==> flow/design.v <==
module alu_chooser #(
    parameter integer DATA_WIDTH = 8,
    parameter integer WAYS = 2,
    parameter integer LOGN = $clog2(WAYS)
) (
    input  wire clk_i,
    input  wire resetn,
    input  wire [WAYS*DATA_WIDTH-1:0] din_i,
    input  wire [LOGN-1:0] select_i,
    output wire [DATA_WIDTH-1:0] result_o
);
    reg [WAYS*DATA_WIDTH-1:0] din_reg;
    reg [LOGN-1:0] select_reg;
    always @(posedge clk_i) begin
        if (!resetn) begin
            din_reg <= 0;
            select_reg <= 0;
        end else begin
            din_reg <= din_i;
            select_reg <= select_i;
        end
    end
    wire [DATA_WIDTH-1:0] nd [1:2*WAYS-1];
    genvar i;
    generate
        for (i = 0; i < WAYS; i = i + 1) begin : gen
            assign nd[WAYS+i] = din_reg[i*DATA_WIDTH +: DATA_WIDTH];
        end
        for (i = 1; i < WAYS; i = i + 1) begin : blk
            assign nd[i] = select_reg[LOGN - $clog2(i+1)] ? nd[2*i+1] : nd[2*i];
        end
    endgenerate
    reg [DATA_WIDTH-1:0] result_reg;
    always @(posedge clk_i) begin
        if (!resetn) begin
            result_reg <= 0;
        end else begin
            result_reg <= nd[1];
        end
    end
    assign result_o = result_reg;
endmodule
* Reports on alu_chooser
Tool output for the design above, in the order of the flow.
Lines are those of the file above, counted from 1.
Cell names lack the library's common part.
A cell with -- has no value.
- Design top :: alu_chooser
- Clock :: clk_i
- Cell library :: sky130hd
- Timing corner :: tt_025C_1v80

* After elaboration
Counts by Yosys on the flattened word-level netlist (proc, flatten, opt, wreduce). Print and check cells are left out. Cells with the same type and inputs are merged into one.
- Register bits :: 25
- Input port bits :: 19
- Multiplexer cells :: 1
** Operator list (count)
- 8-bit 2-to-1 mux :: 1

* Logic depth
Yosys ltp: most cells in a row. Word level: on the elaborated netlist, between registers, memories and ports. Mapped: between sequential cells and ports; inverters and the memories' decode and read muxes count.
- Word-level depth :: 1
- ABC_AREA :: 0
- Gate-level depth with buffers :: 3

* Synthesis result
The flow's flattened synthesis, as Yosys stat reports it; memories are mapped. The netlist is that of the ABC_AREA named above (0 if unset); the other value can give another one.
The area totals of this step are shown rounded.
** Cells by type
- dfxtp_1 :: count 25, area in all 500.48 um^2
- and2_1 :: count 17, area in all 106.352 um^2
- mux2i_1 :: count 8, area in all 80.077 um^2
- nor2b_1 :: count 8, area in all 50.048 um^2
- buf_6 :: count 1, area in all 11.261 um^2
- buf_4 :: count 1, area in all 7.507 um^2
- clkbuf_2 :: count 1, area in all 5.005 um^2
- Mapped cells :: 61
- Chip area (Yosys) :: 760 um^2
- Sequential part of the area :: 500 um^2
- Flip-flops :: 25

* Worst setup path after synthesis
Source: OpenSTA report_checks on the synthesized netlist (no wires, ideal clock, input and output delay 20% of the period each), path of least setup slack; recovery checks are left aside. Register names are those of the netlist, which keeps one name where synthesis merged equal registers.
- Path type :: register to register
- From :: reg select_reg
- To :: reg result_reg[0]
- Slack :: 0.194 ns
- Arrival :: 0.659 ns
- Path delay :: 0.775 ns
- Launch time at the first pin :: 0.000 ns
- Stages on the path :: 4
- Path buffers :: 1
- Period :: 0.969 ns
- Library setup time :: 0.116 ns
- Data required time :: 0.853 ns
- Period reached after synthesis :: 0.775 ns
"path delay" is the arrival time less input delay plus setup time.
"stages on the path": output pins that drive a net of the path, with the launching flip-flop's if there is one; two outputs of one cell count as two.
"period reached after synthesis" is the clock period less the worst setup slack; recovery checks do not enter. This is arithmetic on one report: input and output delays are still those of the set period (20% each).
The rows between start and end are the longest chain of elaborated cells between them; the timing report does not say that the signal goes this way. Where chains are equally long, one stands for them.
Each line given opens the expression or statement behind the cell; cells for indexed reads and writes are added by Yosys, which also makes memories of some case tables.
- Path through :: dfxtp_1 > buf_6 > mux2i_1 > nor2b_1
- Cells in the longest elaborated chain :: 1
- Elaborated cells on any way between the ends :: 1
- RTL lines with such cells :: 1
- Classes of those cells :: mux (1)
** Ends and longest elaborated chain, after synthesis
- start: declaration :: RTL line 13 : reg [LOGN-1:0] select_reg;
- start: assignment :: RTL line 17 : select_reg <= 0;
- start: assignment :: RTL line 20 : select_reg <= select_i;
- 8-bit 2-to-1 mux :: RTL line 30 : assign nd[i] = select_reg[LOGN - $clog2(i+1)] ? nd[2*i+1] : nd[2*i];
- end: assignment :: RTL line 36 : result_reg <= 0;
- end: assignment :: RTL line 38 : result_reg <= nd[1];
- end: declaration :: RTL line 33 : reg [DATA_WIDTH-1:0] result_reg;

* Path in the finished layout
From the final timing report of run 1: the path of least setup slack in the routed layout; clock arrival at registers is part of the times.
- Path type :: register to output
- From :: reg result_reg[5]
- To :: out result_o[5]
- Slack :: 0.03 ns
- Stages on the path :: 2
- Period :: 0.969 ns
- Arrival :: 0.74 ns
- Launch time at the first pin :: 0.29 ns
- Data required time :: 0.78 ns
- Path buffers :: 1
- Output delay :: 0.19 ns
- Path through :: dfxtp_2 > buf_6
- Cells in the longest elaborated chain :: 0
- Elaborated cells on any way between the ends :: 0
- RTL lines with such cells :: 0
** Ends and longest elaborated chain, post-layout
- start: declaration :: RTL line 33 : reg [DATA_WIDTH-1:0] result_reg;
- start: assignment :: RTL line 36 : result_reg <= 0;
- start: assignment :: RTL line 38 : result_reg <= nd[1];
- end: declaration :: RTL line 10 : output wire [DATA_WIDTH-1:0] result_o

--- measured runs ---
Top module alu_chooser; platform sky130hd; tools Yosys and OpenROAD; 3 stored runs in no particular order. Input and output delays are each 20% of the period that was set; the output load is 0.01 pF.
"clock period reached" = clock period - worst setup slack. The figure is calculated, with input and output delays left at 20% of the set period.
"worst path time" = time allowed to the worst setup path (clock period - input delay - output delay, where it has them) - its slack; a late launch clock adds to it, a late capture clock takes from it.
"overall power" rests on the timing tool's default activity at the inputs, not on a simulated workload.
The measured numbers are rounded.

** Run 1
- Settings :: period_ns=0.969; CAP_MARGIN=20; CORE_MARGIN=2; CORE_UTILIZATION=40; SLEW_MARGIN=20
- Die outline area :: 2300 um^2
- Utilization of the finished layout :: 0.6
- Area of the standard cells in the finished layout :: 1100 um^2
- Summed negative setup slack :: 0.000 ns
- Worst path time :: 0.74 ns
- Worst setup path kind :: register to output
- Worst-case hold slack :: 0.45 ns
- Smallest setup slack :: 0.032 ns
- Overall power :: 0.0017 W
- Clock period reached :: 0.937 ns
- Chip area after synthesis (Yosys) :: 760 um^2

** Run 2
- Settings :: period_ns=0.886; CORE_UTILIZATION=25; SETUP_SLACK_MARGIN=0.09; PLACE_DENSITY_LB_ADDON=0.1; HOLD_SLACK_MARGIN=0.12; CORE_MARGIN=6; CELL_PAD_IN_SITES_DETAIL_PLACEMENT=0; ABC_AREA=0; GPL_TIMING_DRIVEN=0; GPL_ROUTABILITY_DRIVEN=0; CTS_CLUSTER_DIAMETER=40; CAP_MARGIN=10; MIN_ROUTING_LAYER=met1; MAX_ROUTING_LAYER=met5; SLEW_MARGIN=20
- Worst-case hold slack :: 0.36 ns
- Overall power :: 0.0019 W
- Utilization of the finished layout :: 0.38
- Summed negative setup slack :: -0.32 ns
- Area of the standard cells in the finished layout :: 1100 um^2
- Clock period reached :: 0.937 ns
- Smallest setup slack :: -0.051 ns
- Worst path time :: 0.76 ns
- Worst setup path kind :: register to output
- Chip area after synthesis (Yosys) :: 760 um^2
- Die outline area :: 4500 um^2

** Run 3
- Settings :: period_ns=1.13; CORE_UTILIZATION=49; PLACE_DENSITY=0.49; HOLD_SLACK_MARGIN=-0.0; CORE_ASPECT_RATIO=0.65; TNS_END_PERCENT=35; CTS_CLUSTER_SIZE=15; CTS_CLUSTER_DIAMETER=64; CAP_MARGIN=15; MIN_ROUTING_LAYER=met2; MAX_ROUTING_LAYER=met5; CORE_MARGIN=2; SLEW_MARGIN=20
- Utilization of the finished layout :: 0.72
- Chip area after synthesis (Yosys) :: 760 um^2
- Die outline area :: 1900 um^2
- Clock period reached :: 1.083 ns
- Overall power :: 0.0015 W
- Summed negative setup slack :: 0.000 ns
- Worst path time :: 0.86 ns
- Worst setup path kind :: register to output
- Smallest setup slack :: 0.047 ns
- Worst-case hold slack :: 0.47 ns
- Area of the standard cells in the finished layout :: 1000 um^2
--- end ---
